==> flow/design.v <==
module alu_arith_add_top #(
   parameter integer DWIDTH = 10
) (
   input  wire clk,
   input  wire rst_n,
   input  wire [DWIDTH-1:0] op_a,
   input  wire [DWIDTH-1:0] op_b,
   input  wire [DWIDTH-1:0] op_c,
   output reg [DWIDTH+1:0] o
);
   wire [DWIDTH-1:0] nxt = op_a ^ op_b ^ op_c;
   wire [DWIDTH-1:0] chain = (op_a & op_b) | (op_a & op_c) | (op_b & op_c);
   always @(posedge clk or negedge rst_n) begin
      if (!rst_n) begin
         o <= 0;
      end else begin
         o <= nxt + {chain, 1'b0};
      end
   end
endmodule
Reports on alu_arith_add_top
Tool output for the design above, in the order of the flow.
Lines are those of the file above, counted from 1.
Cell names lack the library's common part.
{ "inputs": {"top_module": "alu_arith_add_top", "clock_port": "clk", "lib": "sky130hd", "pvt_corner": "tt_025C_1v80"} }

Elaborated design
Source: Yosys, flattened and elaborated, memories not mapped. Widths are those after wreduce; folded enables and synchronous resets count as part of the registers. Registers that Yosys merges into a memory's read port (data or address) are not register bits. Print and check cells do not count. Equal cells are merged and count once.
{ "op_classes": {"n_addsub": 1, "logic": 7} }
{ "ops": {"columns": ["cell", "n"], "rows": [
  ["10-bit AND", 3],
  ["10-bit bitwise OR", 2],
  ["10-bit XOR", 2],
  ["10-bit by 11-bit adder with 12-bit output", 1]
]} }
{ "word_totals": {"reg_bits": 12, "output_inout_bits": 12, "in_bits": 32, "word_cells": 9} }

Longest topological paths
Depth = most cells in a row (Yosys ltp): at word level without a register or memory, in the mapped netlist without a sequential cell, where the memories' decode and read muxes count.
{ "logic_depth": {"depth_word": 4, "ABC_AREA": 0, "mapped_depth": 11, "ltp_nobuf": 11} }

Synthesis result
Yosys stat after the flow's synthesis: flattened, memories mapped to cells. It holds for the ABC_AREA given above (unset counts as 0); a run with the other value may have another netlist.
Totals and module areas in this step are rounded.
{ "mapped": {"buffers": 1, "area_um2": 977.2, "seq_area_um2": 300.3, "stdcells": 86, "flip_flops": 12} }
{ "by_type": {"columns": ["cell", "n", "type_area_um2"], "rows": [
  ["dfrtp_1", 12, 300.288],
  ["fa_1", 11, 220.211],
  ["ha_1", 9, 112.608],
  ["inv_1", 17, 63.811],
  ["xnor2_1", 5, 43.792],
  ["a2111oi_4", 1, 27.526],
  ["a21oi_2", 2, 17.517],
  ["o21ai_2", 2, 17.517],
  ["xor2_1", 2, 17.517],
  ["a21o_1", 2, 15.014],
  ["and3_1", 2, 12.512],
  ["and3_4", 1, 11.261],
  ["nand2_1", 3, 11.261],
  ["a21oi_1", 2, 10.01],
  ["mux2i_1", 1, 10.01],
  ["nand3_1", 2, 10.01],
  ["o2111ai_1", 1, 8.758],
  ["a21boi_0", 1, 7.507]
]} }
Other cell types: 10; their cells: 10.

Worst setup path after synthesis
OpenSTA on the mapped netlist: ideal clock, no wires. The path of least setup slack (recovery checks aside). Input and output delay are each 20% of the period. Register names are those of the netlist, which keeps one name where synthesis merged equal registers.
{ "synth_timing": {"kind": "input -> register", "startpoint": "input port op_a[1]", "endpoint": "register o[7]", "tclk_ps": 3060, "delay_ps": 1959, "n_path_buf": 0, "arrival_time_ps": 2433, "t_first_pin_ps": 612, "in_delay_ps": 612, "t_required_ps": 2922, "setup_ps": 138, "driving_pins": 9, "setup_slack_ps": 489, "period_less_setup_slack_ps": 2571} }
"delay_ps" = arrival - input delay + setup time.
"driving_pins": output pins that drive a net of the path, with the launching flip-flop's if there is one; two outputs of one cell count as two.
"period_less_setup_slack_ps" is the clock period less the worst setup slack; recovery checks do not enter. This is arithmetic on one report: input and output delays are still those of the set period (20% each).
Between the ends stands the longest chain of elaborated cells between them, by number of cells; it is not shown to be the way that was timed. Of several equally long chains one is given.
Each line given opens the expression or statement behind the cell; cells for indexed reads and writes are added by Yosys, which also makes memories of some case tables.
{ "synth_between": {"cell_sequence": "fa_1 -> ha_1 -> inv_1 -> fa_1 -> nor2b_1 -> o21ai_0 -> a21boi_0 -> mux2i_1 -> o2111ai_1", "elab_chain_len": 4, "cells_between": 7, "cone_lines": 3, "classes_between": "add/sub (1); logic (6)"} }
{ "synth_rtl": {"columns": ["element", "line_no", "rtl"], "rows": [
  ["start: declaration", 6, "input  wire [DWIDTH-1:0] op_a,"],
  ["10-bit AND", 12, "wire [DWIDTH-1:0] chain = (op_a & op_b) | (op_a & op_c) | (op_b & op_c);"],
  ["10-bit bitwise OR (2 in a row)", 12, null],
  ["10-bit by 11-bit adder with 12-bit output", 17, "o <= nxt + {chain, 1'b0};"],
  ["end: assignment", 15, "o <= 0;"],
  ["end: assignment", 17, null],
  ["end: declaration", 9, "output reg [DWIDTH+1:0] o"]
]} }

Path in the finished layout
From the final timing report of flow run 1: the path of least setup slack in the routed layout; clock arrival at registers is part of the times.
The report prints the path's times to 10 ps; the period is as set.
{ "layout_timing": {"kind": "input -> register", "startpoint": "input port op_b[1]", "endpoint": "register o[7]", "n_path_buf": 1, "t_required_ps": 2670, "in_delay_ps": 510, "t_first_pin_ps": 510, "driving_pins": 10, "arrival_time_ps": 2410, "setup_ps": 130, "tclk_ps": 2560, "setup_slack_ps": 260} }
Between the ends stands the longest chain of elaborated cells between them, by number of cells; it is not shown to be the way that was timed. Of several equally long chains one is given.
{ "layout_between": {"cell_sequence": "buf_6 -> fa_1 -> ha_4 -> inv_2 -> fa_2 -> nor2b_2 -> o21ai_2 -> a21boi_1 -> mux2i_1 -> o2111ai_1", "elab_chain_len": 4, "cells_between": 7, "cone_lines": 3, "classes_between": "add/sub (1); logic (6)"} }
{ "layout_rtl": {"columns": ["element", "line_no", "rtl"], "rows": [
  ["start: declaration", 7, "input  wire [DWIDTH-1:0] op_b,"],
  ["10-bit AND", 12, "wire [DWIDTH-1:0] chain = (op_a & op_b) | (op_a & op_c) | (op_b & op_c);"],
  ["10-bit bitwise OR (2 in a row)", 12, null],
  ["10-bit by 11-bit adder with 12-bit output", 17, "o <= nxt + {chain, 1'b0};"],
  ["end: assignment", 15, "o <= 0;"],
  ["end: assignment", 17, null],
  ["end: declaration", 9, "output reg [DWIDTH+1:0] o"]
]} }

Stored flow runs of alu_arith_add_top (3 of them; Yosys, OpenROAD, sky130hd). They differ in their settings and are not a sequence. Constraints: input delay and output delay 20% of the set period each, output load 0.01 pF.
"timing.achieved_period_ps" means the clock period less the worst setup slack. The figure is calculated, with input and output delays left at 20% of the set period.
"worst_path_allowed_less_slack_ps" is the time allowed to the run's worst setup path (the clock period less input and output delay, where it has them) less its slack. Clock arrival times count: a late capture clock shortens it, a late launch clock lengthens it.
"design_power_w" rests on the timing tool's default activity at the inputs, not on a simulated workload.
"worst_path_allowed_less_slack_ps" is known to 10 ps.
The results are shown rounded.

Flow run 1
==> flow/run.sh <==
#!/bin/bash
# the make line also repeats the synthesis and layout settings of config.mk as NAME=value (left out here)
make -C /OpenROAD-flow-scripts/flow DESIGN_CONFIG=/design/flow/config.mk WORK_HOME=/design/flow/orfs CLKGATE_MAP_FILE= finish
==> flow/config.mk <==
export PLATFORM = sky130hd
export DESIGN_NAME = alu_arith_add_top
export DESIGN_NICKNAME = alu_arith_add_top
export VERILOG_FILES = /design/flow/design.v
export SDC_FILE = /design/flow/constraint.sdc
export NUM_CORES = 4
export LEC_CHECK = 0
export ABC_AREA = 0
export CAP_MARGIN = 20
export CELL_PAD_IN_SITES_DETAIL_PLACEMENT = 1
export CELL_PAD_IN_SITES_GLOBAL_PLACEMENT = 0
export CORE_ASPECT_RATIO = 1.44
export CORE_MARGIN = 2
export CORE_UTILIZATION = 31
export GPL_TIMING_DRIVEN = 1
export MAX_ROUTING_LAYER = met4
export PLACE_DENSITY = 0.41
export SETUP_SLACK_MARGIN = 0.46
export SLEW_MARGIN = 10
==> flow/constraint.sdc <==
create_clock -name core_clock -period 2.56 [get_ports {clk}]
set_input_delay 0.5120 -clock core_clock [delete_from_list [all_inputs] [get_ports {clk}]]
set_output_delay 0.5120 -clock core_clock [all_outputs]
set_load 0.01 [all_outputs]

==> results of flow run 1, as JSON <==
{
  "synth_area_um2": 977.2,
  "die_area_um2": 3625,
  "final_cell_area_um2": 1743,
  "util_frac": 0.575,
  "ws_setup_ps": 255,
  "tns_setup_ps": 0,
  "design_power_w": 0.001163,
  "timing.achieved_period_ps": 2305,
  "worst_path_allowed_less_slack_ps": 1790,
  "worst_path_kind": "input -> register"
}

Flow run 2
==> flow/run.sh <==
#!/bin/bash
# the make line also repeats the synthesis and layout settings of config.mk as NAME=value (left out here)
make -C /OpenROAD-flow-scripts/flow DESIGN_CONFIG=/design/flow/config.mk WORK_HOME=/design/flow/orfs CLKGATE_MAP_FILE= finish
==> flow/config.mk <==
export PLATFORM = sky130hd
export DESIGN_NAME = alu_arith_add_top
export DESIGN_NICKNAME = alu_arith_add_top
export VERILOG_FILES = /design/flow/design.v
export SDC_FILE = /design/flow/constraint.sdc
export NUM_CORES = 4
export LEC_CHECK = 0
export CAP_MARGIN = 20
export CORE_MARGIN = 2
export CORE_UTILIZATION = 40
export SLEW_MARGIN = 20
==> flow/constraint.sdc <==
create_clock -name core_clock -period 3.06 [get_ports {clk}]
set_input_delay 0.6120 -clock core_clock [delete_from_list [all_inputs] [get_ports {clk}]]
set_output_delay 0.6120 -clock core_clock [all_outputs]
set_load 0.01 [all_outputs]

==> results of flow run 2, as JSON <==
{
  "synth_area_um2": 977.2,
  "die_area_um2": 2854,
  "final_cell_area_um2": 1505,
  "util_frac": 0.668,
  "ws_setup_ps": 198,
  "tns_setup_ps": 0,
  "design_power_w": 0.0007968,
  "timing.achieved_period_ps": 2862,
  "worst_path_allowed_less_slack_ps": 2250,
  "worst_path_kind": "input -> register"
}

Flow run 3
==> flow/run.sh <==
#!/bin/bash
# the make line also repeats the synthesis and layout settings of config.mk as NAME=value (left out here)
make -C /OpenROAD-flow-scripts/flow DESIGN_CONFIG=/design/flow/config.mk WORK_HOME=/design/flow/orfs CLKGATE_MAP_FILE= finish
==> flow/config.mk <==
export PLATFORM = sky130hd
export DESIGN_NAME = alu_arith_add_top
export DESIGN_NICKNAME = alu_arith_add_top
export VERILOG_FILES = /design/flow/design.v
export SDC_FILE = /design/flow/constraint.sdc
export NUM_CORES = 4
export LEC_CHECK = 0
export CAP_MARGIN = 5
export CELL_PAD_IN_SITES_DETAIL_PLACEMENT = 2
export CORE_ASPECT_RATIO = 0.8
export CORE_MARGIN = 2
export CORE_UTILIZATION = 60
export CTS_CLUSTER_SIZE = 19
export GPL_ROUTABILITY_DRIVEN = 0
export MIN_ROUTING_LAYER = met2
export PLACE_DENSITY_LB_ADDON = 0.21
export SETUP_SLACK_MARGIN = 0.39
export SLEW_MARGIN = 20
==> flow/constraint.sdc <==
create_clock -name core_clock -period 1.65 [get_ports {clk}]
set_input_delay 0.3300 -clock core_clock [delete_from_list [all_inputs] [get_ports {clk}]]
set_output_delay 0.3300 -clock core_clock [all_outputs]
set_load 0.01 [all_outputs]

==> results of flow run 3, as JSON <==
{
  "outcome": "not finished: placement ended with a tool error"
}
